==> flow/design.v <==
module compare (clock, rstn, d_i, mx_o);
  parameter DW = 36;
  parameter N_IN = 5;
  input clock;
  input rstn;
  input [N_IN*DW-1:0] d_i;
  output [DW-1:0] mx_o;
  reg [DW-1:0] cur;
  integer i;
  always @(*) begin
    cur = d_i[DW-1:0];
    for (i = 1; i < N_IN; i = i + 1)
      if (d_i[i*DW +: DW] > cur) cur = d_i[i*DW +: DW];
  end
  reg [DW-1:0] mx_reg;
  always @(posedge clock or negedge rstn) begin
    if (!rstn) begin
      mx_reg <= 0;
    end else begin
      mx_reg <= cur;
    end
  end
  assign mx_o = mx_reg;
endmodule
Appendix: tool output

## Reports on compare

Module compare in several versions that differ in "N_IN"; each step lists the members.
The RTL above is that of N_IN = 5; lines are counted from 1 in the file of the member named.
Not given: n/a

- Design top: compare
- Clock: clock
- Standard-cell library: sky130hd
- Library corner: tt_025C_1v80

## Source of the members

New or changed lines of each further member against the RTL above, in its own file; lines it lacks are not shown.

New or changed lines:

| N_IN | RTL line | source |
|---|---|---|
| 6 | 3 | `parameter N_IN = 6;` |
| 7 | 3 | `parameter N_IN = 7;` |
| 8 | 3 | `parameter N_IN = 8;` |

## Word level

Counts by Yosys on the flattened word-level netlist (proc, flatten, opt, wreduce; memories kept). Register bits leave out memories and registers merged into their read ports (data or address); mux counts leave out enables and synchronous resets folded into registers. Print and check cells are left out. Cells with the same type and inputs are merged into one.

Operators by class:

| N_IN | magnitude comparators | mux-type cells |
|---|---|---|
| 5 | 4 | 4 |
| 6 | 5 | 5 |
| 7 | 6 | 6 |
| 8 | 7 | 7 |

Operators with widths:

| N_IN | kind and count |
|---|---|
| 5 | 4 x > comparator 36 bit; 4 x two-way mux 36 bit |
| 6 | 5 x > comparator 36 bit; 5 x two-way mux 36 bit |
| 7 | 6 x > comparator 36 bit; 6 x two-way mux 36 bit |
| 8 | 7 x > comparator 36 bit; 7 x two-way mux 36 bit |

Bit counts:

| N_IN | register bits after elaboration | output and inout bits |
|---|---|---|
| 5 | 36 | 36 |
| 6 | 36 | 36 |
| 7 | 36 | 36 |
| 8 | 36 | 36 |

## Depth

Depth = most cells in a row (Yosys ltp): at word level without a register or memory, in the mapped netlist without a sequential cell, where the memories' decode and read muxes count.

Logic depth:

| N_IN | depth in word-level cells | ABC_AREA | depth in mapped cells | depth with buffers taken out |
|---|---|---|---|---|
| 5 | 8 | 0 | 56 | 48 |
| 6 | 10 | 0 | 72 | 65 |
| 7 | 12 | 0 | 96 | 83 |
| 8 | 14 | 0 | 114 | 103 |

## After synthesis

The flow's flattened synthesis, as Yosys stat reports it; memories are mapped. The netlist is that of the ABC_AREA named above (0 if unset); the other value can give another one.
Totals and module areas in this step are rounded.

Mapped netlist:

| N_IN | cell count | chip area (Yosys) (mm²) | flip-flops | buffer cells |
|---|---|---|---|---|
| 5 | 840 | 0.0066 | 36 | 43 |
| 6 | 1014 | 0.00804 | 36 | 39 |
| 7 | 1238 | 0.00957 | 36 | 54 |
| 8 | 1344 | 0.0108 | 36 | 53 |

Cells by type:

| N_IN | type and count |
|---|---|
| 5 | 142 x sky130_fd_sc_hd__ha_1; 36 x sky130_fd_sc_hd__dfrtp_1; 67 x sky130_fd_sc_hd__mux2i_1; 81 x sky130_fd_sc_hd__a21oi_1; 101 x sky130_fd_sc_hd__nand2_1; 58 x sky130_fd_sc_hd__nand4_1; 79 x sky130_fd_sc_hd__inv_1; 29 x sky130_fd_sc_hd__o211ai_1; 25 x sky130_fd_sc_hd__a21o_1; 36 x sky130_fd_sc_hd__nor3_1; 23 x sky130_fd_sc_hd__o21ai_0; 9 x sky130_fd_sc_hd__o211ai_2; 21 x sky130_fd_sc_hd__clkbuf_1; 13 x sky130_fd_sc_hd__nand3_1; 17 x sky130_fd_sc_hd__nor2_1; 12 x sky130_fd_sc_hd__buf_2; 5 x sky130_fd_sc_hd__buf_6; 7 x sky130_fd_sc_hd__nor2b_1; [+79] |
| 6 | 176 x sky130_fd_sc_hd__ha_1; 36 x sky130_fd_sc_hd__dfrtp_1; 104 x sky130_fd_sc_hd__a21oi_1; 111 x sky130_fd_sc_hd__inv_1; 37 x sky130_fd_sc_hd__mux2_2; 37 x sky130_fd_sc_hd__mux2i_1; 48 x sky130_fd_sc_hd__a21o_1; 45 x sky130_fd_sc_hd__nand4_1; 64 x sky130_fd_sc_hd__nand2_1; 30 x sky130_fd_sc_hd__o31ai_1; 43 x sky130_fd_sc_hd__nor3_1; 57 x sky130_fd_sc_hd__nor2_1; 30 x sky130_fd_sc_hd__or2_1; 28 x sky130_fd_sc_hd__o21ai_0; 11 x sky130_fd_sc_hd__buf_6; 11 x sky130_fd_sc_hd__a21oi_2; 7 x sky130_fd_sc_hd__o31ai_2; 10 x sky130_fd_sc_hd__buf_4; [+129] |
| 7 | 210 x sky130_fd_sc_hd__ha_1; 36 x sky130_fd_sc_hd__dfrtp_1; 74 x sky130_fd_sc_hd__mux2i_1; 179 x sky130_fd_sc_hd__inv_1; 106 x sky130_fd_sc_hd__o21ai_0; 129 x sky130_fd_sc_hd__nand2_1; 37 x sky130_fd_sc_hd__mux2_2; 47 x sky130_fd_sc_hd__a21o_1; 39 x sky130_fd_sc_hd__o211ai_1; 41 x sky130_fd_sc_hd__nand4_1; 51 x sky130_fd_sc_hd__a21oi_1; 29 x sky130_fd_sc_hd__o221ai_1; 9 x sky130_fd_sc_hd__o221ai_2; 20 x sky130_fd_sc_hd__nor2b_1; 32 x sky130_fd_sc_hd__clkbuf_1; 21 x sky130_fd_sc_hd__nand3_1; 14 x sky130_fd_sc_hd__o21a_1; 14 x sky130_fd_sc_hd__nand2b_1; [+150] |
| 8 | 244 x sky130_fd_sc_hd__ha_1; 104 x sky130_fd_sc_hd__mux2i_1; 36 x sky130_fd_sc_hd__dfrtp_1; 135 x sky130_fd_sc_hd__a21oi_1; 153 x sky130_fd_sc_hd__inv_1; 133 x sky130_fd_sc_hd__nor2_1; 33 x sky130_fd_sc_hd__a311oi_2; 58 x sky130_fd_sc_hd__a21o_1; 36 x sky130_fd_sc_hd__mux2_2; 51 x sky130_fd_sc_hd__nand4_1; 40 x sky130_fd_sc_hd__a211oi_1; 46 x sky130_fd_sc_hd__o21ai_0; 43 x sky130_fd_sc_hd__nand2_1; 11 x sky130_fd_sc_hd__buf_6; 18 x sky130_fd_sc_hd__nor2b_1; 27 x sky130_fd_sc_hd__clkbuf_1; 12 x sky130_fd_sc_hd__o21a_1; 14 x sky130_fd_sc_hd__nand2b_1; [+150] |

A list marked [+n] leaves out that many cells.

## Worst setup path after synthesis

OpenSTA on the mapped netlist: ideal clock, no wires. The path of least setup slack (recovery checks aside). Input and output delay are each 20% of the period. Register names are those of the netlist, which keeps one name where synthesis merged equal registers.

Path post-synthesis:

| N_IN | path kind | start | end | period (ps) | path slack (ps) | stages on the path | path delay (ps) | synthesis period reached (ps) |
|---|---|---|---|---|---|---|---|---|
| 5 | input to register | in d_i[35] | reg mx_reg[6] | 16000 | 2533 | 51 | 10267 | 13467 |
| 6 | input to register | in d_i[35] | reg mx_reg[10] | 19800 | 3187 | 69 | 12653 | 16613 |
| 7 | input to register | in d_i[18] | reg mx_reg[27] | 26500 | 4220 | 92 | 16980 | 22280 |
| 8 | input to register | in d_i[18] | reg mx_reg[29] | 29200 | 4649 | 113 | 18712 | 24551 |

"path delay" = arrival - input delay + setup time.
"stages on the path": output pins that drive a net of the path, with the launching flip-flop's if there is one; two outputs of one cell count as two.
"synthesis period reached" is the clock period less the worst setup slack; recovery checks do not enter. This is arithmetic on one report: input and output delays are still those of the set period (20% each).
The rows between start and end are the longest chain of elaborated cells between them; the timing report does not say that the signal goes this way. Where chains are equally long, one stands for them.
A line is the first line of the expression or statement that the cell stems from. Yosys adds cells for indexed reads and writes and turns some case tables into memories.

On the way, post-synthesis, N_IN = 5:
- Cells in the longest elaborated chain: 8

Ends and longest elaborated chain, post-synthesis, N_IN = 5:

| what | RTL line | source |
|---|---|---|
| start, declared | 6 | `input [N_IN*DW-1:0] d_i;` |
| > comparator 36 bit | 13 | `if (d_i[i*DW +: DW] > cur) cur = d_i[i*DW +: DW];` |
| two-way mux 36 bit | 13 |  |
| > comparator 36 bit | 13 |  |
| two-way mux 36 bit | 13 |  |
| > comparator 36 bit | 13 |  |
| two-way mux 36 bit | 13 |  |
| > comparator 36 bit | 13 |  |
| two-way mux 36 bit | 13 |  |
| end, assigned | 18 | `mx_reg <= 0;` |
| end, assigned | 20 | `mx_reg <= cur;` |
| end, declared | 15 | `reg [DW-1:0] mx_reg;` |

On the way, post-synthesis, N_IN = 8:
- Cells in the longest elaborated chain: 14

Ends and longest elaborated chain, post-synthesis, N_IN = 8:

| what | RTL line | source |
|---|---|---|
| start, declared | 6 | `input [N_IN*DW-1:0] d_i;` |
| > comparator 36 bit | 13 | `if (d_i[i*DW +: DW] > cur) cur = d_i[i*DW +: DW];` |
| two-way mux 36 bit | 13 |  |
| > comparator 36 bit | 13 |  |
| two-way mux 36 bit | 13 |  |
| > comparator 36 bit | 13 |  |
| two-way mux 36 bit | 13 |  |
| > comparator 36 bit | 13 |  |
| two-way mux 36 bit | 13 |  |
| > comparator 36 bit | 13 |  |
| two-way mux 36 bit | 13 |  |
| > comparator 36 bit | 13 |  |
| two-way mux 36 bit | 13 |  |
| > comparator 36 bit | 13 |  |
| two-way mux 36 bit | 13 |  |
| end, assigned | 18 | `mx_reg <= 0;` |
| end, assigned | 20 | `mx_reg <= cur;` |
| end, declared | 15 | `reg [DW-1:0] mx_reg;` |

## Timing after layout

Path of least setup slack in the final report of the run of each member (OpenROAD, finished layout, wires in). Where an end is a register, its clock arrival counts in the times.
The report prints the path's times to 10 ps; the period is as set.

Path after layout:

| N_IN | path kind | start | end | period (ps) | path slack (ps) | stages on the path | arrival time (ps) | path buffers |
|---|---|---|---|---|---|---|---|---|
| 5 | input to register | in d_i[35] | reg mx_reg[1] | 16000 | 960 | 45 | 15200 | 3 |
| 6 | input to register | in d_i[35] | reg mx_reg[8] | 19800 | 1140 | 63 | 18830 | 3 |
| 7 | input to register | in d_i[11] | reg mx_reg[26] | 26500 | 1730 | 80 | 24960 | 6 |
| 8 | input to register | in d_i[31] | reg mx_reg[3] | 29200 | 2100 | 100 | 27220 | 5 |

## Flow runs

One run of the flow (Yosys, OpenROAD) for each member, with settings and measured results. Input and output delays are each 20% of the period that was set; the output load is 0.01 pF.

- CAP_MARGIN: 20
- CORE_MARGIN: 2
- CORE_UTILIZATION: 40
- SLEW_MARGIN: 20

Settings by member:

| N_IN | period_ns |
|---|---|
| 5 | 16.0 |
| 6 | 19.8 |
| 7 | 26.5 |
| 8 | 29.2 |

Final reports:

| N_IN | Yosys chip area after synthesis (mm²) | area of the die (mm²) | standard-cell area of the final layout (mm²) | utilization | worst setup slack after layout (ps) | setup total negative slack (ps) | total power of the final layout (uW) | clock period reached (ps) |
|---|---|---|---|---|---|---|---|---|
| 5 | 0.0066 | 0.0175 | 0.00906 | 0.566 | 961 | 0 | 1000 | 15039 |
| 6 | 0.00804 | 0.0213 | 0.0108 | 0.553 | 1140 | 0 | 1000 | 18659 |
| 7 | 0.00957 | 0.0252 | 0.0129 | 0.549 | 1730 | 0 | 1100 | 24770 |
| 8 | 0.0108 | 0.0282 | 0.0144 | 0.542 | 2100 | 0 | 2080 | 27096 |

By "clock period reached" is meant the clock period of the run minus its worst setup slack. This is arithmetic on one report: input and output delays are still those of the set period (20% each).
"total power of the final layout" rests on the timing tool's default activity at the inputs, not on a simulated workload.
Measured values are rounded.
